==> flow/design.v <==
module my_multiplier #(
    parameter integer DWIDTH = 3
) (
    input  wire clk,
    input  wire RST,
    input  wire [DWIDTH-1:0] arg0,
    input  wire [DWIDTH-1:0] arg1,
    output reg [2*DWIDTH-1:0] p
);
    reg [2*DWIDTH-1:0] nxt;
    integer n;
    always @(*) begin
        nxt = 0;
        for (n = 0; n < DWIDTH; n = n + 1)
            if (arg1[n]) nxt = nxt + (arg0 << n);
    end
    always @(posedge clk or posedge RST) begin
        if (RST) begin
            p <= 0;
        end else begin
            p <= nxt;
        end
    end
endmodule
# Tool chain data of my_multiplier
# Tool output for the design above, in the order of the flow.
# Lines are those of the file above, counted from 1.
# Operators: Yosys type, input widths -> output width; for muxes data width and select width s.
# Library cell names are shortened.
# Not given: -
# design
top_module	my_multiplier
clock_port	clk
cell_library	sky130hd
lib_corner	tt_025C_1v80

# Elaborated design
# Counts by Yosys on the flattened word-level netlist (proc, flatten, opt, wreduce; memories kept). Register bits leave out memories and registers merged into their read ports (data or address); mux counts leave out enables and synchronous resets folded into registers. Print and check cells are left out. Cells with the same type and inputs are merged into one.
# bits
word_cells	6
clocked_rd_ports_x_width	0
reg_bits	6
ram_bits	0
mem_bits_ro	0
input_bits	8
latch_bits	0
n_memories	0
out_inout_bits	6
# op_classes
add_sub_neg	2
shift	0
n_mul	0
div	0
reduce_and_logical	0
compare	0
bitwise	0
eq_ne	0
n_mux	3
# op_table
cell	count
$mux 6	2
$add 6x4->6	1
$add 6x5->6	1
$mux 3	1

# Logic depth
# Yosys ltp: most cells in a row. Word level: on the elaborated netlist, between registers, memories and ports. Mapped: between sequential cells and ports; inverters and the memories' decode and read muxes count.
# depth
depth_word	5
abc_area	0
depth_mapped	11
depth_no_buf	11

# Mapped cells and area
# The flow's flattened synthesis, as Yosys stat reports it; memories are mapped. The netlist is that of the ABC_AREA named above (0 if unset); the other value can give another one.
# synth_totals
mapped_area_um2	401.6
cells	40
seq_area_um2	150.1
ff_cells	6
buf_cells	0
# by_type
type	count	area_total_um2
dfrtp_1	6	150.144
ha_1	5	62.56
mux2_2	2	22.522
fa_1	1	20.019
inv_1	5	18.768
nand2_1	5	18.768
nor2b_1	3	18.768
xnor2_1	2	17.517
and3_4	1	11.261
maj3_2	1	11.261
a21oi_1	2	10.01
o21ai_0	2	10.01
a21o_1	1	7.507
and2_1	1	6.256
nand2b_1	1	6.256
o22ai_1	1	6.256
nor2_1	1	3.754

# Timing after synthesis
# OpenSTA on the mapped netlist: ideal clock, no wires. The path of least setup slack (recovery checks aside). Input and output delay are each 20% of the period. Register names are those of the netlist, which keeps one name where synthesis merged equal registers.
# synth_path
path_kind	in2reg
from	input port arg1[0]
to	register p[4]
tclk_ns	2.79
setup_time_ns	0.125
n_path_buf	0
path_slack_ns	0.450
delay_ns	1.783
stages	11
t_arrival_ns	2.216
input_delay_ns	0.558
required_time_ns	2.665
t_first_pin_ns	0.558
synth_period_reached_ns	2.34
# "delay_ns" = arrival - input delay + setup time.
# "stages" counts driving pins, that of a launching flip-flop among them; a cell with two outputs on the path counts twice.
# "synth_period_reached_ns" is the clock period less the worst setup slack; recovery checks do not enter. This is arithmetic on one report: input and output delays are still those of the set period (20% each).
# Between the ends stands the longest chain of elaborated cells between them, by number of cells; it is not shown to be the way that was timed. Of several equally long chains one is given.
# A line is the first line of the expression or statement that the cell stems from. Yosys adds cells for indexed reads and writes and turns some case tables into memories.
# synth_via
cell_sequence	nand2_1 -> inv_1 -> ha_1 -> ha_1 -> nand2_1 -> o21ai_0 -> ha_1 -> inv_1 -> fa_1 -> xnor2_1 -> mux2_2
elab_chain_len	5
cells_between	5
lines_between	1
classes_between	2 x add/sub; 3 x mux
# synth_rtl
element	line	text
start: declaration	7	input  wire [DWIDTH-1:0] arg1,
$mux 3	15	if (arg1[n]) nxt = nxt + (arg0 << n);
$add 6x4->6	15
$mux 6	15
$add 6x5->6	15
$mux 6	15
end: assignment	19	p <= 0;
end: assignment	21	p <= nxt;
end: declaration	8	output reg [2*DWIDTH-1:0] p

# Path in the finished layout
# From the final timing report of run 1: the path of least setup slack in the routed layout; clock arrival at registers is part of the times.
# layout_path
path_kind	in2reg
from	input port arg0[2]
to	register p[4]
path_slack_ns	0.20
n_path_buf	1
tclk_ns	2.79
t_arrival_ns	2.70
setup_time_ns	0.11
required_time_ns	2.89
stages	11
t_first_pin_ns	0.56
input_delay_ns	0.56
# Between the ends stands the longest chain of elaborated cells between them, by number of cells; it is not shown to be the way that was timed. Of several equally long chains one is given.
# layout_via
cell_sequence	clkdlybuf4s50_1 -> nand2_1 -> xnor2_1 -> ha_1 -> nand2_1 -> o21ai_2 -> ha_2 -> inv_1 -> fa_1 -> xnor2_1 -> mux2_2
elab_chain_len	5
cells_between	5
lines_between	1
classes_between	2 x add/sub; 3 x mux
# layout_rtl
element	line	text
start: declaration	6	input  wire [DWIDTH-1:0] arg0,
$mux 3	15	if (arg1[n]) nxt = nxt + (arg0 << n);
$add 6x4->6	15
$mux 6	15
$add 6x5->6	15
$mux 6	15
end: assignment	19	p <= 0;
end: assignment	21	p <= nxt;
end: declaration	8	output reg [2*DWIDTH-1:0] p

Top module my_multiplier; platform sky130hd; tools Yosys and OpenROAD; 3 stored runs in no particular order. Input and output delays are each 20% of the period that was set; the output load is 0.01 pF.
"timing.achieved_period_ns" = clock period - worst setup slack. The figure is calculated, with input and output delays left at 20% of the set period.
"critical_path_time_ns" is the time allowed to the run's worst setup path (the clock period less input and output delay, where it has them) less its slack. Clock arrival times count: a late capture clock shortens it, a late launch clock lengthens it.
"design_power_mw": no workload was simulated; the value follows from the tool's default switching activity.

Run 1, flow files:
==> flow/run.sh <==
#!/bin/bash
# the make line also repeats the synthesis and layout settings of config.mk as NAME=value (left out here)
make -C /OpenROAD-flow-scripts/flow DESIGN_CONFIG=/design/flow/config.mk WORK_HOME=/design/flow/orfs CLKGATE_MAP_FILE= finish
==> flow/config.mk <==
export PLATFORM = sky130hd
export DESIGN_NAME = my_multiplier
export DESIGN_NICKNAME = my_multiplier
export VERILOG_FILES = /design/flow/design.v
export SDC_FILE = /design/flow/constraint.sdc
export NUM_CORES = 4
export LEC_CHECK = 0
export CAP_MARGIN = 20
export CORE_MARGIN = 2
export CORE_UTILIZATION = 40
export SLEW_MARGIN = 20
==> flow/constraint.sdc <==
create_clock -name core_clock -period 2.79 [get_ports {clk}]
set_input_delay 0.5580 -clock core_clock [delete_from_list [all_inputs] [get_ports {clk}]]
set_output_delay 0.5580 -clock core_clock [all_outputs]
set_load 0.01 [all_outputs]

==> results of run 1, as CSV <==
result,value
design_power_mw,0.2392
critical_path_time_ns,2.03
timing.worst_path_kind,"in2reg"
design_die_area_um2,1273.4
fin_tns_ns,0.000
setup_worst_slack_ns,0.199
final_util_frac,0.67
synthesis_area_um2,401.6
finish.stdcell_area_um2,626.9
timing.achieved_period_ns,2.591

Run 2, flow files:
==> flow/run.sh <==
#!/bin/bash
# the make line also repeats the synthesis and layout settings of config.mk as NAME=value (left out here)
make -C /OpenROAD-flow-scripts/flow DESIGN_CONFIG=/design/flow/config.mk WORK_HOME=/design/flow/orfs CLKGATE_MAP_FILE= finish
==> flow/config.mk <==
export PLATFORM = sky130hd
export DESIGN_NAME = my_multiplier
export DESIGN_NICKNAME = my_multiplier
export VERILOG_FILES = /design/flow/design.v
export SDC_FILE = /design/flow/constraint.sdc
export NUM_CORES = 4
export LEC_CHECK = 0
export CAP_MARGIN = 20
export CORE_ASPECT_RATIO = 1.21
export CORE_MARGIN = 2
export CORE_UTILIZATION = 26
export CTS_CLUSTER_DIAMETER = 315
export HOLD_SLACK_MARGIN = -0.07
export PLACE_DENSITY_LB_ADDON = 0.3
export SLEW_MARGIN = 20
export TNS_END_PERCENT = 75
==> flow/constraint.sdc <==
create_clock -name core_clock -period 3.33 [get_ports {clk}]
set_input_delay 0.6660 -clock core_clock [delete_from_list [all_inputs] [get_ports {clk}]]
set_output_delay 0.6660 -clock core_clock [all_outputs]
set_load 0.01 [all_outputs]

==> results of run 2, as CSV <==
result,value
synthesis_area_um2,401.6
timing.achieved_period_ns,2.906
final_util_frac,0.403
design_die_area_um2,1876.7
critical_path_time_ns,2.24
timing.worst_path_kind,"in2reg"
finish.stdcell_area_um2,583.1
setup_worst_slack_ns,0.424
design_power_mw,0.2050
fin_tns_ns,0.000

Run 3, flow files:
==> flow/run.sh <==
#!/bin/bash
# the make line also repeats the synthesis and layout settings of config.mk as NAME=value (left out here)
make -C /OpenROAD-flow-scripts/flow DESIGN_CONFIG=/design/flow/config.mk WORK_HOME=/design/flow/orfs CLKGATE_MAP_FILE= finish
==> flow/config.mk <==
export PLATFORM = sky130hd
export DESIGN_NAME = my_multiplier
export DESIGN_NICKNAME = my_multiplier
export VERILOG_FILES = /design/flow/design.v
export SDC_FILE = /design/flow/constraint.sdc
export NUM_CORES = 4
export LEC_CHECK = 0
export CAP_MARGIN = 25
export CELL_PAD_IN_SITES_DETAIL_PLACEMENT = 0
export CORE_ASPECT_RATIO = 1.38
export CORE_MARGIN = 8
export CORE_UTILIZATION = 27
export CTS_CLUSTER_DIAMETER = 87
export CTS_CLUSTER_SIZE = 72
export GPL_TIMING_DRIVEN = 0
export MIN_ROUTING_LAYER = met1
export SLEW_MARGIN = 20
==> flow/constraint.sdc <==
create_clock -name core_clock -period 1.51 [get_ports {clk}]
set_input_delay 0.3020 -clock core_clock [delete_from_list [all_inputs] [get_ports {clk}]]
set_output_delay 0.3020 -clock core_clock [all_outputs]
set_load 0.01 [all_outputs]

==> results of run 3, as CSV <==
result,value
finish.stdcell_area_um2,709.4
fin_tns_ns,-0.860
final_util_frac,0.506
synthesis_area_um2,401.6
setup_worst_slack_ns,-0.367
timing.achieved_period_ns,1.877
critical_path_time_ns,1.58
timing.worst_path_kind,"in2reg"
design_die_area_um2,2993.5
design_power_mw,0.5051
